==> flow/design.v <==
module ex_registers_blk #(
   parameter DEPTH = 12,
   parameter DW = 12,
   parameter AW = $clog2(DEPTH)
) (
   input  core_clk,
   input  we,
   input  [AW-1:0] wa,
   input  [DW-1:0] wdata,
   input  [AW-1:0] ra_a,
   input  [AW-1:0] ra_b,
   output reg [DW-1:0] dout_a,
   output reg [DW-1:0] dout_b
);
   reg we_r;
   reg [AW-1:0] wa_r;
   reg [DW-1:0] wdata_r;
   reg [DW-1:0] bank [0:DEPTH-1];
   always @(posedge core_clk) begin
      if (we_r)
         bank[wa_r] <= wdata_r;
   end
   reg [AW-1:0] ra_a_r;
   reg [AW-1:0] ra_b_r;
   always @(posedge core_clk) begin
      we_r <= we;
      wa_r <= wa;
      wdata_r <= wdata;
      ra_a_r <= ra_a;
      ra_b_r <= ra_b;
      dout_a <= (we_r && wa_r == ra_a_r) ? wdata_r : bank[ra_a_r];
      dout_b <= (we_r && wa_r == ra_b_r) ? wdata_r : bank[ra_b_r];
   end
endmodule
# [Reports on ex_registers_blk]
# What the tools print for ex_registers_blk, step after step.
# Line numbers count from 1 in the design file above.
# Operators: Yosys type, input widths -> output width; for muxes data width and select width s.
# Cell names lack the library's common part.
# The mark - stands for no value.
[setup] top="ex_registers_blk" clock="core_clk" lib="sky130hd" pvt_corner="tt_025C_1v80"

# [Elaborated design]
# Source: Yosys, flattened and elaborated, memories not mapped. Widths are those after wreduce; folded enables and synchronous resets count as part of the registers. Registers that Yosys merges into a memory's read port (data or address) are not register bits. Print and check cells do not count. Equal cells are merged and count once.
# Yosys's memory passes give these memory sizes; they may raise the number of words (mostly to a power of two), join words into wider ones and drop unused or constant bits.
[classes] mux=3
[ops] cell="$mux 12" n=1
[ops] cell="$mux 4" n=1
[ops] cell="$mux 1" n=1
[word_totals] mem_count=1 regBits=25 ram_bits=144 elab_cells=9 clocked_rd_ports_x_width=24 inputBits=26 out_inout_bits=24
[mem_list] name="bank" size=12 word_bits=12 rd=2 write_ports=1 line=18 rtl="reg [DW-1:0] bank [0:DEPTH-1];"

# [Logic depth]
# Yosys ltp: most cells in a row. Word level: on the elaborated netlist, between registers, memories and ports. Mapped: between sequential cells and ports; inverters and the memories' decode and read muxes count.
[logic_depth] ltp_word=1 ABC_AREA=0 mapped_depth=6 mapped_depth_nobuf=3

# [Netlist]
# The flow's flattened synthesis, as Yosys stat reports it; memories are mapped. The netlist is that of the ABC_AREA named above (0 if unset); the other value can give another one.
[types] cell="edfxtp_1" n=144
[types] cell="mux4_2" n=48
[types] cell="dfxtp_1" n=33
[types] cell="mux2_2" n=48
[types] cell="mux2i_1" n=24
[types] cell="a22o_1" n=12
[types] cell="o31ai_1" n=12
[types] cell="o22ai_1" n=12
[types] cell="buf_2" n=12
[types] cell="nand2_1" n=14
[types] cell="clkbuf_1" n=10
[types] cell="nor2_1" n=10
[types] cell="nand2b_1" n=3
[types] cell="buf_4" n=2
[types] cell="nand3b_1" n=2
[types] cell="nor3_1" n=3
[types] cell="or3b_2" n=1
[types] cell="nor2b_1" n=1
[synth_totals] seqArea_um2=4984.8 cell_count=391 area_um2=7383.3 ffs=177

# [Path before layout]
# Path of least setup slack by OpenSTA after synthesis, without wires, with an ideal clock, recovery checks aside; 20% of the period is set as input and as output delay. Where synthesis merged equal registers, the netlist keeps one of their names.
[synth_path] path_type="reg2out" start="reg (no name shown)" end="out dout_b[10]" launch_ns=0.000 n_path_buf=2 delay_ns=1.669 tclk_ns=2.61 out_delay_ns=0.522 driving_pins=5 t_arrival_ns=1.669 slack_ns=0.419 synth_period_reached_ns=2.191
# "delay_ns" is the arrival time less input delay plus setup time.
# A path that ends at an output port has no setup time.
# "driving_pins" counts driving pins, that of a launching flip-flop among them; a cell with two outputs on the path counts twice.
# "synth_period_reached_ns" is the clock period less the worst setup slack; recovery checks do not enter. This is arithmetic on one report: input and output delays are still those of the set period (20% each).
[synth_between] cell_sequence="dfxtp_1 > clkbuf_1 > clkbuf_1 > mux4_2 > mux4_2"
[synth_rtl] element="end, declared" line=13 rtl="output reg [DW-1:0] dout_b"
# Chain of elaborated cells between the ends: none given.

# [Path in the finished layout]
# From the final timing report of run A: the path of least setup slack in the routed layout; clock arrival at registers is part of the times.
[layout_path] path_type="reg2out" start="reg (no name shown)" end="out dout_b[7]" out_delay_ns=0.66 slack_ns=0.40 t_arrival_ns=2.24 tclk_ns=3.3 n_path_buf=3 driving_pins=6 launch_ns=0.42
[layout_between] cell_sequence="dfxtp_4 > buf_12 > buf_12 > mux4_2 > mux4_2 > buf_6"
[layout_rtl] element="end, declared" line=13 rtl="output reg [DW-1:0] dout_b"
# Chain of elaborated cells between the ends: none given.

Subject: ex_registers_blk on sky130hd, stored results

Hello all,

ex_registers_blk through Yosys and OpenROAD on sky130hd: 3 stored runs, unordered, with their settings and measured results. The constraints put input and output delay at 20% of the set period each and load the outputs with 0.01 pF.
"achieved_period_ns" = clock period - worst setup slack. The figure is calculated, with input and output delays left at 20% of the set period.
"worst_setup_path_time_ns" is the time allowed to the run's worst setup path (the clock period less input and output delay, where it has them) less its slack. Clock arrival times count: a late capture clock shortens it, a late launch clock lengthens it.
"total_power_w" rests on the timing tool's default activity at the inputs, not on a simulated workload.

[flow] run A: files
==> flow/run.sh <==
#!/bin/bash
# the make line also repeats the synthesis and layout settings of config.mk as NAME=value (left out here)
make -C /OpenROAD-flow-scripts/flow DESIGN_CONFIG=/design/flow/config.mk WORK_HOME=/design/flow/orfs CLKGATE_MAP_FILE= finish
==> flow/config.mk <==
export PLATFORM = sky130hd
export DESIGN_NAME = ex_registers_blk
export DESIGN_NICKNAME = ex_registers_blk
export VERILOG_FILES = /design/flow/design.v
export SDC_FILE = /design/flow/constraint.sdc
export NUM_CORES = 4
export LEC_CHECK = 0
export CAP_MARGIN = 20
export CELL_PAD_IN_SITES_GLOBAL_PLACEMENT = 3
export CORE_MARGIN = 2
export CORE_UTILIZATION = 20
export CTS_CLUSTER_DIAMETER = 30
export GPL_ROUTABILITY_DRIVEN = 1
export PLACE_DENSITY = 0.81
export SETUP_SLACK_MARGIN = 0.85
export SLEW_MARGIN = 20
export TNS_END_PERCENT = 90
==> flow/constraint.sdc <==
create_clock -name core_clock -period 3.3 [get_ports {core_clk}]
set_input_delay 0.6600 -clock core_clock [delete_from_list [all_inputs] [get_ports {core_clk}]]
set_output_delay 0.6600 -clock core_clock [all_outputs]
set_load 0.01 [all_outputs]

[flow] run A: metrics
[metrics] final_setup_tns_ns = 0.000
[metrics] post_synth_area_um2 = 7383.3
[metrics] worst_setup_path_time_ns = 2.24
[metrics] critical_path_kind = reg2out
[metrics] total_power_w = 0.00503
[metrics] holdWs_ns = 0.326
[metrics] timing.setup.ws_ns = 0.398
[metrics] achieved_period_ns = 2.902
[metrics] final_util_pct = 27.3
[metrics] design.die.area_um2 = 38468.9
[metrics] stdcell_area_um2 = 9964.6

[flow] run B: files
==> flow/run.sh <==
#!/bin/bash
# the make line also repeats the synthesis and layout settings of config.mk as NAME=value (left out here)
make -C /OpenROAD-flow-scripts/flow DESIGN_CONFIG=/design/flow/config.mk WORK_HOME=/design/flow/orfs CLKGATE_MAP_FILE= finish
==> flow/config.mk <==
export PLATFORM = sky130hd
export DESIGN_NAME = ex_registers_blk
export DESIGN_NICKNAME = ex_registers_blk
export VERILOG_FILES = /design/flow/design.v
export SDC_FILE = /design/flow/constraint.sdc
export NUM_CORES = 4
export LEC_CHECK = 0
export ABC_AREA = 0
export CAP_MARGIN = 20
export CELL_PAD_IN_SITES_DETAIL_PLACEMENT = 1
export CELL_PAD_IN_SITES_GLOBAL_PLACEMENT = 2
export CORE_MARGIN = 6
export CORE_UTILIZATION = 18
export CTS_CLUSTER_DIAMETER = 393
export GPL_ROUTABILITY_DRIVEN = 1
export MAX_ROUTING_LAYER = met5
export MIN_ROUTING_LAYER = met2
export PLACE_DENSITY_LB_ADDON = 0.15
export SLEW_MARGIN = 20
==> flow/constraint.sdc <==
create_clock -name core_clock -period 1.67 [get_ports {core_clk}]
set_input_delay 0.3340 -clock core_clock [delete_from_list [all_inputs] [get_ports {core_clk}]]
set_output_delay 0.3340 -clock core_clock [all_outputs]
set_load 0.01 [all_outputs]

[flow] run B: metrics
[metrics] post_synth_area_um2 = 7383.3
[metrics] stdcell_area_um2 = 10293.6
[metrics] total_power_w = 0.010376
[metrics] design.die.area_um2 = 46023.1
[metrics] timing.setup.ws_ns = -0.953
[metrics] worst_setup_path_time_ns = 2.29
[metrics] critical_path_kind = reg2out
[metrics] final_util_pct = 25.7
[metrics] final_setup_tns_ns = -18.080
[metrics] achieved_period_ns = 2.623
[metrics] holdWs_ns = 0.325

[flow] run C: files
==> flow/run.sh <==
#!/bin/bash
# the make line also repeats the synthesis and layout settings of config.mk as NAME=value (left out here)
make -C /OpenROAD-flow-scripts/flow DESIGN_CONFIG=/design/flow/config.mk WORK_HOME=/design/flow/orfs CLKGATE_MAP_FILE= finish
==> flow/config.mk <==
export PLATFORM = sky130hd
export DESIGN_NAME = ex_registers_blk
export DESIGN_NICKNAME = ex_registers_blk
export VERILOG_FILES = /design/flow/design.v
export SDC_FILE = /design/flow/constraint.sdc
export NUM_CORES = 4
export LEC_CHECK = 0
export CAP_MARGIN = 20
export CORE_MARGIN = 2
export CORE_UTILIZATION = 40
export SLEW_MARGIN = 20
==> flow/constraint.sdc <==
create_clock -name core_clock -period 2.61 [get_ports {core_clk}]
set_input_delay 0.5220 -clock core_clock [delete_from_list [all_inputs] [get_ports {core_clk}]]
set_output_delay 0.5220 -clock core_clock [all_outputs]
set_load 0.01 [all_outputs]

[flow] run C: metrics
[metrics] design.die.area_um2 = 19560.8
[metrics] achieved_period_ns = 2.768
[metrics] total_power_w = 0.006498
[metrics] stdcell_area_um2 = 9359.0
[metrics] post_synth_area_um2 = 7383.3
[metrics] final_util_pct = 51.9
[metrics] holdWs_ns = 0.325
[metrics] final_setup_tns_ns = -1.429
[metrics] worst_setup_path_time_ns = 2.25
[metrics] critical_path_kind = reg2out
[metrics] timing.setup.ws_ns = -0.158

Thanks
